==> flow/design.v <==
module alu_chooser #(
    parameter integer DATA_WIDTH = 8,
    parameter integer WAYS = 2,
    parameter integer LOGN = $clog2(WAYS)
) (
    input  wire clk_i,
    input  wire resetn,
    input  wire [WAYS*DATA_WIDTH-1:0] din_i,
    input  wire [LOGN-1:0] select_i,
    output wire [DATA_WIDTH-1:0] result_o
);
    reg [WAYS*DATA_WIDTH-1:0] din_reg;
    reg [LOGN-1:0] select_reg;
    always @(posedge clk_i) begin
        if (!resetn) begin
            din_reg <= 0;
            select_reg <= 0;
        end else begin
            din_reg <= din_i;
            select_reg <= select_i;
        end
    end
    wire [DATA_WIDTH-1:0] nd [1:2*WAYS-1];
    genvar i;
    generate
        for (i = 0; i < WAYS; i = i + 1) begin : gen
            assign nd[WAYS+i] = din_reg[i*DATA_WIDTH +: DATA_WIDTH];
        end
        for (i = 1; i < WAYS; i = i + 1) begin : blk
            assign nd[i] = select_reg[LOGN - $clog2(i+1)] ? nd[2*i+1] : nd[2*i];
        end
    endgenerate
    reg [DATA_WIDTH-1:0] result_reg;
    always @(posedge clk_i) begin
        if (!resetn) begin
            result_reg <= 0;
        end else begin
            result_reg <= nd[1];
        end
    end
    assign result_o = result_reg;
endmodule
# From RTL to reports: alu_chooser
# Tool output for the members of one design family, told apart by "DATA_WIDTH", in the order of the flow.
# The file above is the member DATA_WIDTH = 8. Line numbers count from 1 in each member's own file.
setup:
  top: "alu_chooser"
  clock_port: "clk_i"
  lib: "sky130hd"
  lib_corner: "tt_025C_1v80"

# Source of the members
# New or changed lines of each further member against the RTL above, in its own file; lines it lacks are not shown.
src_changes:
  columns: ["DATA_WIDTH", "line_no", "rtl"]
  rows:
  - [10, 2, "parameter integer DATA_WIDTH = 10,"]
  - [12, 2, "parameter integer DATA_WIDTH = 12,"]
  - [48, 2, "parameter integer DATA_WIDTH = 48,"]

# Word-level counts
# Counts by Yosys on the flattened word-level netlist (proc, flatten, opt, wreduce). Print and check cells are left out. Cells with the same type and inputs are merged into one.
op_classes:
  columns: ["DATA_WIDTH", "mux"]
  rows:
  - [8, 1]
  - [10, 1]
  - [12, 1]
  - [48, 1]
op_table:
  columns: ["DATA_WIDTH", "operators"]
  rows:
  - [8, "8-bit two-way mux: 1"]
  - [10, "10-bit two-way mux: 1"]
  - [12, "12-bit two-way mux: 1"]
  - [48, "48-bit two-way mux: 1"]
bits:
  columns: ["DATA_WIDTH", "reg_bits", "input_bits", "out_inout_bits", "wordCells"]
  rows:
  - [8, 25, 19, 8, 4]
  - [10, 31, 23, 10, 4]
  - [12, 37, 27, 12, 4]
  - [48, 145, 99, 48, 4]

# Logic depth
# Yosys ltp: most cells in a row. Word level: on the elaborated netlist, between registers, memories and ports. Mapped: between sequential cells and ports; inverters and the memories' decode and read muxes count.
depth:
  columns: ["DATA_WIDTH", "word_depth", "abc_area", "ltp_mapped", "ltp_nobuf"]
  rows:
  - [8, 1, 0, 3, 2]
  - [10, 1, 0, 3, 2]
  - [12, 1, 0, 3, 2]
  - [48, 1, 0, 5, 2]

# After synthesis
# The flow's flattened synthesis, as Yosys stat reports it; memories are mapped. The netlist is that of the ABC_AREA named above (0 if unset); the other value can give another one.
synth_totals:
  columns: ["DATA_WIDTH", "mapped_cells", "mapped_area_um2", "seq_area_um2", "ffs", "n_buf"]
  rows:
  - [8, 61, 760.7, 500.5, 25, 3]
  - [10, 76, 939.7, 620.6, 31, 4]
  - [12, 90, 1117.3, 740.7, 37, 4]
  - [48, 360, 4448.0, 2902.8, 145, 22]
by_type:
  columns: ["DATA_WIDTH", "cell_types"]
  rows:
  - [8, "sky130_fd_sc_hd__dfxtp_1: 25; sky130_fd_sc_hd__and2_1: 17; sky130_fd_sc_hd__mux2i_1: 8; sky130_fd_sc_hd__nor2b_1: 8; sky130_fd_sc_hd__buf_6: 1; sky130_fd_sc_hd__buf_4: 1; sky130_fd_sc_hd__clkbuf_2: 1"]
  - [10, "sky130_fd_sc_hd__dfxtp_1: 31; sky130_fd_sc_hd__and2_1: 21; sky130_fd_sc_hd__mux2i_1: 10; sky130_fd_sc_hd__nor2b_1: 10; sky130_fd_sc_hd__buf_6: 1; sky130_fd_sc_hd__buf_2: 2; sky130_fd_sc_hd__clkbuf_1: 1"]
  - [12, "sky130_fd_sc_hd__dfxtp_1: 37; sky130_fd_sc_hd__and2_1: 25; sky130_fd_sc_hd__mux2i_1: 12; sky130_fd_sc_hd__nor2b_1: 12; sky130_fd_sc_hd__buf_6: 1; sky130_fd_sc_hd__buf_2: 2; sky130_fd_sc_hd__clkbuf_1: 1"]
  - [48, "sky130_fd_sc_hd__dfxtp_1: 145; sky130_fd_sc_hd__and2_1: 97; sky130_fd_sc_hd__mux2i_1: 48; sky130_fd_sc_hd__nor2b_1: 48; sky130_fd_sc_hd__buf_12: 3; sky130_fd_sc_hd__clkbuf_1: 9; sky130_fd_sc_hd__buf_2: 6; sky130_fd_sc_hd__buf_4: 3; sky130_fd_sc_hd__buf_6: 1"]

# Path before layout
# OpenSTA on the mapped netlist: ideal clock, no wires. The path of least setup slack (recovery checks aside). Input and output delay are each 20% of the period. Register names are those of the netlist, which keeps one name where synthesis merged equal registers.
synth_path:
  columns: ["DATA_WIDTH", "path_kind", "from", "to", "tclk_ns", "setup_slack_ns", "stages", "delay_ns", "period_less_setup_slack_ns"]
  rows:
  - [8, "register to register", "register select_reg", "register result_reg[0]", 0.969, 0.194, 4, 0.775, 0.775]
  - [10, "register to register", "register select_reg", "register result_reg[0]", 0.993, 0.199, 4, 0.794, 0.794]
  - [12, "register to register", "register select_reg", "register result_reg[10]", 1.1, 0.218, 4, 0.882, 0.882]
  - [48, "register to register", "register select_reg", "register result_reg[27]", 1.25, 0.250, 6, 1.000, 1.0]
# "delay_ns" is the arrival time less input delay plus setup time.
# "stages" counts driving pins, that of a launching flip-flop among them; a cell with two outputs on the path counts twice.
# "period_less_setup_slack_ns" = period - worst setup slack (recovery checks aside). The figure is calculated, with input and output delays left at 20% of the set period.
# Between the ends stands the longest chain of elaborated cells between them, by number of cells; it is not shown to be the way that was timed. Of several equally long chains one is given.
# A line is the first line of the expression or statement that the cell stems from. Yosys adds cells for indexed reads and writes and turns some case tables into memories.
synth_via_DATA_WIDTH_8:
  elab_chain_len: 1
synth_rtl_DATA_WIDTH_8:
  columns: ["element", "line_no", "rtl"]
  rows:
  - ["from (decl)", 13, "reg [LOGN-1:0] select_reg;"]
  - ["from (assign)", 17, "select_reg <= 0;"]
  - ["from (assign)", 20, "select_reg <= select_i;"]
  - ["8-bit two-way mux", 30, "assign nd[i] = select_reg[LOGN - $clog2(i+1)] ? nd[2*i+1] : nd[2*i];"]
  - ["to (assign)", 36, "result_reg <= 0;"]
  - ["to (assign)", 38, "result_reg <= nd[1];"]
  - ["to (decl)", 33, "reg [DATA_WIDTH-1:0] result_reg;"]
synth_via_DATA_WIDTH_48:
  elab_chain_len: 1
synth_rtl_DATA_WIDTH_48:
  columns: ["element", "line_no", "rtl"]
  rows:
  - ["from (decl)", 13, "reg [LOGN-1:0] select_reg;"]
  - ["from (assign)", 17, "select_reg <= 0;"]
  - ["from (assign)", 20, "select_reg <= select_i;"]
  - ["48-bit two-way mux", 30, "assign nd[i] = select_reg[LOGN - $clog2(i+1)] ? nd[2*i+1] : nd[2*i];"]
  - ["to (assign)", 36, "result_reg <= 0;"]
  - ["to (assign)", 38, "result_reg <= nd[1];"]
  - ["to (decl)", 33, "reg [DATA_WIDTH-1:0] result_reg;"]

# Worst path after layout
# From the final timing report of each member's run: the path of least setup slack in the routed layout; clock arrival at registers is part of the times.
layout_path:
  columns: ["DATA_WIDTH", "path_kind", "from", "to", "tclk_ns", "setup_slack_ns", "stages", "t_arrival_ns", "n_path_buf"]
  rows:
  - [8, "register to output", "register result_reg[5]", "output port result_o[5]", 0.969, 0.03, 2, 0.74, 1]
  - [10, "register to output", "register result_reg[9]", "output port result_o[9]", 0.993, 0.05, 2, 0.75, 1]
  - [12, "register to output", "register result_reg[6]", "output port result_o[6]", 1.1, 0.09, 2, 0.79, 1]
  - [48, "register to output", "register result_reg[0]", "output port result_o[0]", 1.25, 0.05, 2, 0.95, 1]

# Measured runs
# One run of the flow (Yosys, OpenROAD) for each member, with settings and measured results. Input and output delays are each 20% of the period that was set; the output load is 0.01 pF.
flow_settings:
  CAP_MARGIN: 20
  CORE_MARGIN: 2
  CORE_UTILIZATION: 40
  SLEW_MARGIN: 20
settings_by_member:
  columns: ["DATA_WIDTH", "period_ns"]
  rows:
  - [8, 0.969]
  - [10, 0.993]
  - [12, 1.1]
  - [48, 1.25]
results:
  columns: ["DATA_WIDTH", "synth_chip_area_um2", "dieArea_um2", "final_stdcell_area_um2", "post_route_util_frac", "ws_setup_ns", "total_negative_slack_ns", "fin_hold_ws_ns", "power_total_mw", "achievedPeriod_ns"]
  rows:
  - [8, 760.7, 2266.7, 1052.3, 0.596, 0.032, 0.000, 0.453, 1.695, 0.937]
  - [10, 939.7, 2752.6, 1300.0, 0.588, 0.045, 0.000, 0.460, 2.131, 0.948]
  - [12, 1117.3, 3231.9, 1567.8, 0.578, 0.092, 0.000, 0.450, 2.441, 1.008]
  - [48, 4448.0, 11979.3, 6382.4, 0.589, 0.048, 0.000, 0.254, 10.309, 1.202]
# "achievedPeriod_ns" means the clock period less the worst setup slack. The figure is calculated, with input and output delays left at 20% of the set period.
# "power_total_mw": no workload was simulated; the value follows from the tool's default switching activity.
